==> flow/design.v <==
module gen_mplex #(
    parameter integer DWIDTH = 2,
    parameter integer INPUTS = 10
) (
    input  i_clk,
    input  [INPUTS*DWIDTH-1:0] bus_in,
    input  [INPUTS-1:0] s_in,
    output [DWIDTH-1:0] out_out
);
    reg [INPUTS*DWIDTH-1:0] bus_q;
    reg [INPUTS-1:0] s_q;
    always @(posedge i_clk) begin
        bus_q <= bus_in;
        s_q <= s_in;
    end
    reg [DWIDTH-1:0] val;
    integer n;
    always @(*) begin
        val = 0;
        for (n = 0; n < INPUTS; n = n + 1)
            val = val | (bus_q[n*DWIDTH +: DWIDTH] & {DWIDTH{s_q[n]}});
    end
    assign out_out = val;
endmodule
**Reports on gen_mplex**

The steps from the RTL of gen_mplex to its reports follow in flow order.
Lines are those of the file above, counted from 1.
Library cell names are shortened.
The mark - stands for no value.

- Design top: gen_mplex
- Clock: i_clk
- Cell library: sky130hd
- Corner: tt_025C_1v80

**Word level**

Source: Yosys, flattened and elaborated, memories not mapped. Widths are those after wreduce; folded enables and synchronous resets count as part of the registers. Registers that Yosys merges into a memory's read port (data or address) are not register bits. Print and check cells do not count. Equal cells are merged and count once.

- Flip-flop bits (word level): 30
- Output and inout port bits: 2
- Bits of input ports: 31
- Cells after elaboration: 21

- Bitwise logic cells: 19

Operator list:

| kind | number |
|---|---|
| AND 2 bit | 10 |
| bitwise OR 2 bit | 9 |

**Longest topological paths**

Yosys ltp: most cells in a row. Word level: on the elaborated netlist, between registers, memories and ports. Mapped: between sequential cells and ports; inverters and the memories' decode and read muxes count.

- Depth in word-level cells: 10
- ABC_AREA: 0
- Depth in mapped cells: 3
- Gate-level depth less buffers: 3

**Netlist**

The flow's flattened synthesis, as Yosys stat reports it; memories are mapped. The netlist is that of the ABC_AREA named above (0 if unset); the other value can give another one.
The area totals of this step are shown rounded.

- Chip area (Yosys): 706 um^2
- Sequential area: 601 um^2
- Cells in the netlist: 42
- Flip-flop cells: 30
- Buffer cells: 0

Cell types:

| cell type | number | total area (um^2) |
|---|---|---|
| dfxtp_1 | 30 | 600.576 |
| a22oi_1 | 6 | 45.043 |
| a221oi_2 | 2 | 30.029 |
| a22o_1 | 2 | 17.517 |
| nand4_1 | 2 | 12.512 |

**Path before layout**

OpenSTA on the mapped netlist: ideal clock, no wires. The path of least setup slack (recovery checks aside). Input and output delay are each 20% of the period. Register names are those of the netlist, which keeps one name where synthesis merged equal registers.

- Path type: register -> output
- From: register bus_q[8]
- To: output port out_out[0]
- Path buffers: 0
- External output delay: 258 ps
- Launch time at the first pin: 0 ps
- Arrival: 824 ps
- Path slack: 208 ps
- Delay of the path: 824 ps
- Data required time: 1032 ps
- Period: 1290 ps
- Stages on the path: 4
- Period reached after synthesis: 1082 ps

"delay of the path" = arrival - input delay + setup time.
At an output port there is no setup time.
"stages on the path" counts driving pins, that of a launching flip-flop among them; a cell with two outputs on the path counts twice.
"period reached after synthesis" is the clock period less the worst setup slack; recovery checks do not enter. This is arithmetic on one report: input and output delays are still those of the set period (20% each).
The rows between start and end are the longest chain of elaborated cells between them; the timing report does not say that the signal goes this way. Where chains are equally long, one stands for them.
A line is the first line of the expression or statement that the cell stems from. Yosys adds cells for indexed reads and writes and turns some case tables into memories.

- Cell sequence: dfxtp_1 -> a22o_1 -> a221oi_2 -> nand4_1
- Cells in the longest elaborated chain: 7
- Elaborated cells on any way between the ends: 7
- Source lines of those cells: 1
- Those cells by class: logic: 7

Ends and longest elaborated chain, after synthesis:

| what | RTL line | text |
|---|---|---|
| start: declaration | 10 | `reg [INPUTS*DWIDTH-1:0] bus_q;` |
| start: assignment | 13 | `bus_q <= bus_in;` |
| AND 2 bit | 21 | `val = val \| (bus_q[n*DWIDTH +: DWIDTH] & {DWIDTH{s_q[n]}});` |
| bitwise OR 2 bit (6 in a row) | 21 |  |
| end: declaration | 8 | `output [DWIDTH-1:0] out_out` |

**Path in the finished layout**

Path of least setup slack in the final report of stored run 1 (OpenROAD, finished layout, wires in). Where an end is a register, its clock arrival counts in the times.
The path's times are printed in steps of 10 ps; the period is the one set.

- Path type: register -> output
- From: register bus_q[9]
- To: output port out_out[1]
- Arrival: 1280 ps
- External output delay: 260 ps
- Path buffers: 1
- Stages on the path: 5
- Path slack: -250 ps
- Period: 1290 ps
- Data required time: 1030 ps
- Launch time at the first pin: 300 ps

The rows between start and end are the longest chain of elaborated cells between them; the timing report does not say that the signal goes this way. Where chains are equally long, one stands for them.

- Cell sequence: dfxtp_1 -> a22o_1 -> a221oi_2 -> nand4_1 -> buf_2
- Cells in the longest elaborated chain: 7
- Elaborated cells on any way between the ends: 7
- Source lines of those cells: 1
- Those cells by class: logic: 7

Ends and longest elaborated chain, after layout:

| what | RTL line | text |
|---|---|---|
| start: declaration | 10 | `reg [INPUTS*DWIDTH-1:0] bus_q;` |
| start: assignment | 13 | `bus_q <= bus_in;` |
| AND 2 bit | 21 | `val = val \| (bus_q[n*DWIDTH +: DWIDTH] & {DWIDTH{s_q[n]}});` |
| bitwise OR 2 bit (6 in a row) | 21 |  |
| end: declaration | 8 | `output [DWIDTH-1:0] out_out` |

Add stored flow runs of gen_mplex

Below are 3 stored runs of the flow (Yosys, OpenROAD; platform sky130hd) on gen_mplex, each with its settings and what was measured, unordered. Constraints: input delay and output delay 20% of the set period each, output load 0.01 pF.
"achieved period" = clock period - worst setup slack. The figure is calculated, with input and output delays left at 20% of the set period.
"total design power" is the tool's figure for a default switching activity; nothing was simulated.
The measured numbers are rounded.
Settings: -- = not set for that run.
Among the results, -- means that no value is shown for the run.

| item | stored run 1 | stored run 2 | stored run 3 |
|---|---|---|---|
| period_ns | 1.29 | 1.0 | 0.854 |
| CAP_MARGIN | 20 | 20 | 20 |
| CORE_MARGIN | 2 | 2 | 6 |
| CORE_UTILIZATION | 40 | 54 | 71 |
| SLEW_MARGIN | 20 | 20 | 20 |
| SETUP_SLACK_MARGIN | -- | 0.23 | 0.23 |
| CELL_PAD_IN_SITES_DETAIL_PLACEMENT | -- | 1 | -- |
| TNS_END_PERCENT | -- | 30 | -- |
| GPL_TIMING_DRIVEN | -- | 0 | -- |
| GPL_ROUTABILITY_DRIVEN | -- | 0 | -- |
| CTS_CLUSTER_DIAMETER | -- | 239 | -- |
| MIN_ROUTING_LAYER | -- | met1 | met1 |
| PLACE_DENSITY_LB_ADDON | -- | -- | 0.16 |
| CELL_PAD_IN_SITES_GLOBAL_PLACEMENT | -- | -- | 0 |
| CTS_CLUSTER_SIZE | -- | -- | 46 |
| MAX_ROUTING_LAYER | -- | -- | met4 |
| mapped cell area after synthesis (um^2) | 706 | -- | -- |
| total design power (mW) | 1.57 | -- | -- |
| area inside the die boundary (um^2) | 2120 | -- | -- |
| sum of negative setup slack (ps) | -491 | -- | -- |
| achieved period (ps) | 1536 | -- | -- |
| utilization after layout (%) | 65.0 | -- | -- |
| worst hold slack after layout (ps) | 389 | -- | -- |
| smallest setup slack (ps) | -246 | -- | -- |

Stored run 2: unfinished; error DPL-0033 in placement
Stored run 3: unfinished; error PDN-0185 in floorplanning
